==> flow/design.v <==
module cpu_mplex_mod #(
  parameter integer DWIDTH = 6,
  parameter integer COUNT = 32,
  parameter integer LOGN = $clog2(COUNT)
) (
  input logic sys_clk,
  input logic ce,
  input logic [COUNT*DWIDTH-1:0] din,
  input logic [LOGN-1:0] idx,
  output logic [DWIDTH-1:0] result
);
  always_ff @(posedge sys_clk) begin
    if (ce) begin
      result <= din[idx*DWIDTH +: DWIDTH];
    end
  end
endmodule
=== From RTL to reports: cpu_mplex_mod ===
Tool output for the design above, in the order of the flow.
Line numbers count from 1 in the design file above.
Cell names lack the library's common part.
The mark -- stands for no value.

* Design top: cpu_mplex_mod
* Clock: sys_clk
* Library: sky130hd
* Library corner: tt_025C_1v80

=== Elaborated design ===
Counts by Yosys on the flattened word-level netlist (proc, flatten, opt, wreduce; memories kept). Register bits leave out memories and registers merged into their read ports (data or address); mux counts leave out enables and synchronous resets folded into registers. Print and check cells are left out. Cells with the same type and inputs are merged into one.

* Output and inout port bits: 6
* Bits in writable memories: 0
* Bits in latches: 0
* Word width x clocked read ports: 0
* ROM bits: 0
* Memories: 0
* Word-level cells: 3
* Register bits: 6

* Reductions and logical operators: 0
* Multiplexer cells: 0
* $lt $le $gt $ge: 0
* Div/mod/pow operators: 0
* Eq/ne operators: 0
* Bitwise logic cells: 0
* Multipliers: 1
* Shift-type cells: 1
* $add $sub $neg: 0

{| class="wikitable"
|+ Operators with widths
! kind !! count
|-
| 192-bit by 9-bit indexed select with 6-bit output || 1
|-
| 5-bit by 2-bit multiplier with 7-bit output with constant B || 1
|}

=== Depth ===
Yosys ltp: most cells in a row. Word level: on the elaborated netlist, between registers, memories and ports. Mapped: between sequential cells and ports; inverters and the memories' decode and read muxes count.

* Word-level depth: 2
* ABC_AREA: 0
* Mapped depth: 5
* Gate-level depth less buffers: 3

=== Synthesis result ===
Yosys stat after the flow's synthesis: flattened, memories mapped to cells. It holds for the ABC_AREA given above (unset counts as 0); a run with the other value may have another netlist.
The area totals of this step are shown rounded.

{| class="wikitable"
|+ Cell types
! type !! count !! total area (µm²)
|-
| mux4_2 || 60 || 1.35E+03
|-
| edfxtp_1 || 6 || 180.173
|-
| mux2_2 || 6 || 67.565
|-
| buf_6 || 3 || 33.782
|-
| clkbuf_1 || 6 || 22.522
|-
| buf_2 || 2 || 10.01
|-
| buf_1 || 2 || 7.507
|}

* Cell area after synthesis: 1673 µm²
* Sequential area: 180.2 µm²
* Flip-flops: 6
* Cell count: 85

=== Path before layout ===
OpenSTA on the mapped netlist: ideal clock, no wires. The path of least setup slack (recovery checks aside). Input and output delay are each 20% of the period. Register names are those of the netlist, which keeps one name where synthesis merged equal registers.

* Path kind: in2reg
* From: input idx[2]
* To: register result[0]
* Period: 3090 ps
* Input delay: 618 ps
* Stages on the path: 5
* Path delay: 1980 ps
* Arrival: 2338 ps
* Library setup time: 260 ps
* Slack: 493 ps
* Path buffers: 2
* Launch time at the first pin: 618 ps
* Period reached after synthesis: 2597 ps

"path delay" = arrival - input delay + setup time.
"stages on the path" counts driving pins, that of a launching flip-flop among them; a cell with two outputs on the path counts twice.
"period reached after synthesis" is the clock period less the worst setup slack; recovery checks do not enter. This is arithmetic on one report: input and output delays are still those of the set period (20% each).
Between the ends stands the longest chain of elaborated cells between them, by number of cells; it is not shown to be the way that was timed. Of several equally long chains one is given.
A line is the first line of the expression or statement that the cell stems from. Yosys adds cells for indexed reads and writes and turns some case tables into memories.

* Path through: clkbuf_1 clkbuf_1 mux4_2 mux4_2 mux2_2
* Cells in the longest elaborated chain: 2
* Elaborated cells on any way between the ends: 2
* Classes of those cells: mul: 1; shift: 1

{| class="wikitable"
|+ Ends and longest elaborated chain, post-synthesis
! item !! line !! text
|-
| start, declared || 9 || <nowiki>input logic [LOGN-1:0] idx,</nowiki>
|-
| 5-bit by 2-bit multiplier with 7-bit output || 14 || <nowiki>result <= din[idx*DWIDTH +: DWIDTH];</nowiki>
|-
| 192-bit by 9-bit indexed select with 6-bit output || 14 ||
|-
| end, assigned || 14 ||
|-
| end, declared || 10 || <nowiki>output logic [DWIDTH-1:0] result</nowiki>
|}

=== Worst path after layout ===
From the final timing report of stored run 3: the path of least setup slack in the routed layout; clock arrival at registers is part of the times.
The path's times are printed in steps of 10 ps; the period is the one set.

* Path kind: in2reg
* From: input din[54]
* To: register result[0]
* Period: 2350 ps
* Slack: 210 ps
* Stages on the path: 4
* Launch time at the first pin: 470 ps
* Path buffers: 1
* Input delay: 470 ps
* Library setup time: 250 ps
* Arrival: 2110 ps

Between the ends stands the longest chain of elaborated cells between them, by number of cells; it is not shown to be the way that was timed. Of several equally long chains one is given.

* Path through: clkdlybuf4s50_1 mux4_2 mux4_2 mux2_4
* Cells in the longest elaborated chain: 1
* Elaborated cells on any way between the ends: 1
* Classes of those cells: shift: 1

{| class="wikitable"
|+ Ends and longest elaborated chain, post-layout
! item !! line !! text
|-
| start, declared || 8 || <nowiki>input logic [COUNT*DWIDTH-1:0] din,</nowiki>
|-
| 192-bit by 9-bit indexed select with 6-bit output || 14 || <nowiki>result <= din[idx*DWIDTH +: DWIDTH];</nowiki>
|-
| end, assigned || 14 ||
|-
| end, declared || 10 || <nowiki>output logic [DWIDTH-1:0] result</nowiki>
|}

Module cpu_mplex_mod, platform sky130hd: 3 stored runs of the flow (Yosys, OpenROAD) with differing settings, in no particular order. Input and output delays are each 20% of the period that was set; the output load is 0.01 pF.
"total power of the final layout" is the tool's figure for a default switching activity; nothing was simulated.
The measured numbers are rounded.

=== Stored run 1 ===
{| class="wikitable"
! Setting !! Value
|-
| period_ns || 3.09
|-
| CAP_MARGIN || 20
|-
| CORE_MARGIN || 2
|-
| CORE_UTILIZATION || 40
|-
| SLEW_MARGIN || 20
|}
No final report: placement broke off with GPL-0301.

=== Stored run 2 ===
{| class="wikitable"
! Setting !! Value
|-
| period_ns || 3.57
|-
| CORE_UTILIZATION || 34
|-
| SETUP_SLACK_MARGIN || 0.5
|-
| PLACE_DENSITY || 0.69
|-
| CELL_PAD_IN_SITES_GLOBAL_PLACEMENT || 1
|-
| TNS_END_PERCENT || 35
|-
| GPL_ROUTABILITY_DRIVEN || 1
|-
| CTS_CLUSTER_SIZE || 68
|-
| CTS_CLUSTER_DIAMETER || 344
|-
| SLEW_MARGIN || 10
|-
| MIN_ROUTING_LAYER || met1
|-
| CAP_MARGIN || 20
|-
| CORE_MARGIN || 2
|}
No final report: placement broke off with GPL-0301.

=== Stored run 3 ===
{| class="wikitable"
! Setting !! Value
|-
| period_ns || 2.35
|-
| CORE_UTILIZATION || 31
|-
| SETUP_SLACK_MARGIN || 0.21
|-
| PLACE_DENSITY_LB_ADDON || 0.14
|-
| CORE_MARGIN || 6
|-
| ABC_AREA || 0
|-
| GPL_TIMING_DRIVEN || 1
|-
| CTS_CLUSTER_SIZE || 87
|-
| MIN_ROUTING_LAYER || met2
|-
| MAX_ROUTING_LAYER || met5
|-
| CAP_MARGIN || 20
|-
| SLEW_MARGIN || 20
|-
! Result !! Value
|-
| Die footprint || 7303 µm²
|-
| Standard-cell area after layout || 4202 µm²
|-
| Setup slack of the worst path || 207 ps
|-
| Lowest hold slack || 1020 ps
|-
| Total power of the final layout || 995.6 uW
|-
| Synthesis area || 1673 µm²
|-
| Setup TNS || 0 ps
|}
